==> flow/design.v <==
module u_arith_add_top #(
    parameter integer DWIDTH = 14
) (
    input  wire clk_i,
    input  wire rst_i,
    input  wire [DWIDTH-1:0] rs1_i,
    input  wire [DWIDTH-1:0] rs2_i,
    input  wire [DWIDTH-1:0] rs3_i,
    output wire [DWIDTH+1:0] out_o
);
    reg [DWIDTH-1:0] r_rs1;
    always @(posedge clk_i or posedge rst_i) begin
        if (rst_i) begin
            r_rs1 <= 0;
        end else begin
            r_rs1 <= rs1_i;
        end
    end
    reg [DWIDTH-1:0] r_rs2;
    always @(posedge clk_i or posedge rst_i) begin
        if (rst_i) begin
            r_rs2 <= 0;
        end else begin
            r_rs2 <= rs2_i;
        end
    end
    reg [DWIDTH-1:0] r_rs3;
    always @(posedge clk_i or posedge rst_i) begin
        if (rst_i) begin
            r_rs3 <= 0;
        end else begin
            r_rs3 <= rs3_i;
        end
    end
    wire [DWIDTH-1:0] val;
    assign val = r_rs1 ^ r_rs2 ^ r_rs3;
    wire [DWIDTH-1:0] carry;
    assign carry = (r_rs1 & r_rs2) | (r_rs1 & r_rs3) | (r_rs2 & r_rs3);
    assign out_o = val + {carry, 1'b0};
endmodule
== From RTL to reports: u_arith_add_top ==
The steps from the RTL of u_arith_add_top to its reports follow in flow order.
Lines are those of the file above, counted from 1.
Operators carry their Yosys type and port widths (W data, S select, Z words).
Not given: n/a
Design
  top module: u_arith_add_top
  clock: clk_i
  standard-cell library: sky130hd
  library corner: tt_025C_1v80

== Word-level counts ==
Source: Yosys, flattened and elaborated, memories not mapped. Widths are those after wreduce; folded enables and synchronous resets count as part of the registers. Registers that Yosys merges into a memory's read port (data or address) are not register bits. Print and check cells do not count. Equal cells are merged and count once.
Word-level totals
  word-level cells: 11
  bits in registers: 42
  bits of input ports: 44
  output and inout bits: 16
Cells by class
  bitwise gates (word level): 7
  add/subtract/negate cells: 1
Operators with widths (count)
  $and A14 B14 Y14: 3
  $or A14 B14 Y14: 2
  $xor A14 B14 Y14: 2
  $add A14 B15 Y16: 1

== Longest topological paths ==
Depth = most cells in a row (Yosys ltp): at word level without a register or memory, in the mapped netlist without a sequential cell, where the memories' decode and read muxes count.
Logic depth
  word-level depth: 4
  ABC_AREA: 0
  mapped depth: 11
  mapped depth without buffers: 11

== Netlist ==
Source: synth_stat.txt of the flow (Yosys; design flattened, memories mapped). It holds for the ABC_AREA given above (unset counts as 0); a run with the other value may have another netlist.
The area totals of this step are shown rounded.
Synthesis totals
  mapped area: 2000 µm²
  flip-flop cells: 42
  mapped cells: 150
Cell types
  sky130_fd_sc_hd__dfrtp_1: count 42, area in all 1.05E+03 µm²
  sky130_fd_sc_hd__fa_1: count 15, area in all 300.288 µm²
  sky130_fd_sc_hd__ha_1: count 13, area in all 162.656 µm²
  sky130_fd_sc_hd__xnor2_1: count 8, area in all 70.067 µm²
  sky130_fd_sc_hd__inv_1: count 17, area in all 63.811 µm²
  sky130_fd_sc_hd__a21o_1: count 6, area in all 45.043 µm²
  sky130_fd_sc_hd__a21oi_1: count 9, area in all 45.043 µm²
  sky130_fd_sc_hd__nor3_1: count 4, area in all 20.019 µm²
  sky130_fd_sc_hd__a31oi_1: count 3, area in all 18.768 µm²
  sky130_fd_sc_hd__and3_1: count 3, area in all 18.768 µm²
  sky130_fd_sc_hd__nand4_1: count 3, area in all 18.768 µm²
  sky130_fd_sc_hd__nor2_1: count 5, area in all 18.768 µm²
  sky130_fd_sc_hd__o41ai_2: count 1, area in all 16.266 µm²
  sky130_fd_sc_hd__a21boi_1: count 2, area in all 15.014 µm²
  sky130_fd_sc_hd__o211ai_1: count 2, area in all 15.014 µm²
  sky130_fd_sc_hd__a221o_2: count 1, area in all 11.261 µm²
  sky130_fd_sc_hd__nand2_1: count 3, area in all 11.261 µm²
  sky130_fd_sc_hd__and4_2: count 1, area in all 10.01 µm²
Not listed: further types 12, cells in them 12.

== Worst setup path after synthesis ==
OpenSTA on the mapped netlist: ideal clock, no wires. The path of least setup slack (recovery checks aside). Input and output delay are each 20% of the period. Register names are those of the netlist, which keeps one name where synthesis merged equal registers.
Timing after synthesis
  path kind: register -> output
  from: register r_rs1[1]
  to: output out_o[9]
  data required time: 2824 ps
  path delay: 2259 ps
  arrival time: 2259 ps
  stages on the path: 10
  clock period: 3530 ps
  setup slack: 565 ps
  launch time at the first pin: 0 ps
  synthesis period reached: 2965 ps
"path delay" = arrival - input delay + setup time.
At an output port there is no setup time.
"stages on the path" counts driving pins, that of a launching flip-flop among them; a cell with two outputs on the path counts twice.
"synthesis period reached" = period - worst setup slack (recovery checks aside). The figure is calculated, with input and output delays left at 20% of the set period.
The rows between start and end are the longest chain of elaborated cells between them; the timing report does not say that the signal goes this way. Where chains are equally long, one stands for them.
Each line given opens the expression or statement behind the cell; cells for indexed reads and writes are added by Yosys, which also makes memories of some case tables.
On the way, after synthesis
  cells stage by stage: sky130_fd_sc_hd__dfrtp_1 -> sky130_fd_sc_hd__fa_1 -> sky130_fd_sc_hd__ha_1 -> sky130_fd_sc_hd__inv_1 -> sky130_fd_sc_hd__fa_1 -> sky130_fd_sc_hd__inv_1 -> sky130_fd_sc_hd__a21o_1 -> sky130_fd_sc_hd__a221o_2 -> sky130_fd_sc_hd__a31oi_1 -> sky130_fd_sc_hd__xnor2_1
  length of the longest elaborated chain: 4
  elaborated cells on any way between the ends: 7
  classes of those cells: add/sub (1); logic (6)
RTL lines, path after synthesis
  start: declaration: RTL line 11  | reg [DWIDTH-1:0] r_rs1;
  start: assignment: RTL line 14  | r_rs1 <= 0;
  start: assignment: RTL line 16  | r_rs1 <= rs1_i;
  $and A14 B14 Y14: RTL line 38  | assign carry = (r_rs1 & r_rs2) | (r_rs1 & r_rs3) | (r_rs2 & r_rs3);
  $or A14 B14 Y14 (2 in a row): RTL line 38
  $add A14 B15 Y16: RTL line 39  | assign out_o = val + {carry, 1'b0};
  end: declaration: RTL line 9  | output wire [DWIDTH+1:0] out_o

== Timing after layout ==
Path of least setup slack in the final report of record 1 (OpenROAD, finished layout, wires in). Where an end is a register, its clock arrival counts in the times.
The path's times are printed in steps of 10 ps; the period is the one set.
Timing after layout
  path kind: register -> output
  from: register r_rs1[1]
  to: output out_o[13]
  setup slack: 210 ps
  arrival time: 3210 ps
  launch time at the first pin: 280 ps
  stages on the path: 11
  clock period: 4270 ps
  data required time: 3420 ps
The rows between start and end are the longest chain of elaborated cells between them; the timing report does not say that the signal goes this way. Where chains are equally long, one stands for them.
On the way, after layout
  cells stage by stage: sky130_fd_sc_hd__dfrtp_1 -> sky130_fd_sc_hd__fa_1 -> sky130_fd_sc_hd__ha_1 -> sky130_fd_sc_hd__inv_1 -> sky130_fd_sc_hd__fa_1 -> sky130_fd_sc_hd__inv_1 -> sky130_fd_sc_hd__a21o_1 -> sky130_fd_sc_hd__a221o_2 -> sky130_fd_sc_hd__a21oi_2 -> sky130_fd_sc_hd__xnor2_1 -> sky130_fd_sc_hd__clkdlybuf4s50_1
  length of the longest elaborated chain: 4
  elaborated cells on any way between the ends: 7
  classes of those cells: add/sub (1); logic (6)
RTL lines, path after layout
  start: declaration: RTL line 11  | reg [DWIDTH-1:0] r_rs1;
  start: assignment: RTL line 14  | r_rs1 <= 0;
  start: assignment: RTL line 16  | r_rs1 <= rs1_i;
  $and A14 B14 Y14: RTL line 38  | assign carry = (r_rs1 & r_rs2) | (r_rs1 & r_rs3) | (r_rs2 & r_rs3);
  $or A14 B14 Y14 (2 in a row): RTL line 38
  $add A14 B15 Y16: RTL line 39  | assign out_o = val + {carry, 1'b0};
  end: declaration: RTL line 9  | output wire [DWIDTH+1:0] out_o

Lab notebook: u_arith_add_top

Top module u_arith_add_top; platform sky130hd; tools Yosys and OpenROAD; 3 stored runs in no particular order. Input and output delays are each 20% of the period that was set; the output load is 0.01 pF.
"achieved clock period" is the run's clock period less its worst setup slack. It is reckoned from that one timing run; input and output delays stay at 20% of the period that was set.
"worst setup path time": the worst setup path's part of the clock period (all of it between registers, 20% less for each end at a port) less its slack. A launch clock that arrives late makes it longer, a capture clock that arrives late makes it shorter.
"power": no workload was simulated; the value follows from the tool's default switching activity.
"worst setup path time" is known to 10 ps.
The results are shown rounded.
[record 1] settings: period_ns=4.27, CORE_UTILIZATION=26, SETUP_SLACK_MARGIN=-0.2, PLACE_DENSITY_LB_ADDON=0.15, CORE_MARGIN=10, ABC_AREA=0, GPL_TIMING_DRIVEN=0, GPL_ROUTABILITY_DRIVEN=1, CTS_CLUSTER_SIZE=17, CAP_MARGIN=30, SLEW_MARGIN=20
[record 1] result: chip area after synthesis (Yosys) 2000 µm², die area 11600 µm², standard-cell area of the final layout 2850 µm², worst setup slack after layout 208 ps, total negative slack 0 ps, power 0.0012 W, achieved clock period 4062 ps, worst setup path time 3210 ps, worst setup path kind register -> output
[record 2] settings: period_ns=3.53, CAP_MARGIN=20, CORE_MARGIN=2, CORE_UTILIZATION=40, SLEW_MARGIN=20
[record 2] result: chip area after synthesis (Yosys) 2000 µm², die area 5580 µm², standard-cell area of the final layout 2900 µm², worst setup slack after layout 119 ps, total negative slack 0 ps, power 0.00144 W, achieved clock period 3411 ps, worst setup path time 2700 ps, worst setup path kind register -> output
[record 3] settings: period_ns=4.06, CORE_UTILIZATION=32, SETUP_SLACK_MARGIN=1.16, CORE_MARGIN=5, CTS_CLUSTER_SIZE=38, MIN_ROUTING_LAYER=met1, MAX_ROUTING_LAYER=met5, CAP_MARGIN=20, SLEW_MARGIN=20
[record 3] result: chip area after synthesis (Yosys) 2000 µm², die area 7920 µm², standard-cell area of the final layout 2970 µm², worst setup slack after layout 537 ps, total negative slack 0 ps, power 0.00128 W, achieved clock period 3523 ps, worst setup path time 2710 ps, worst setup path kind register -> output
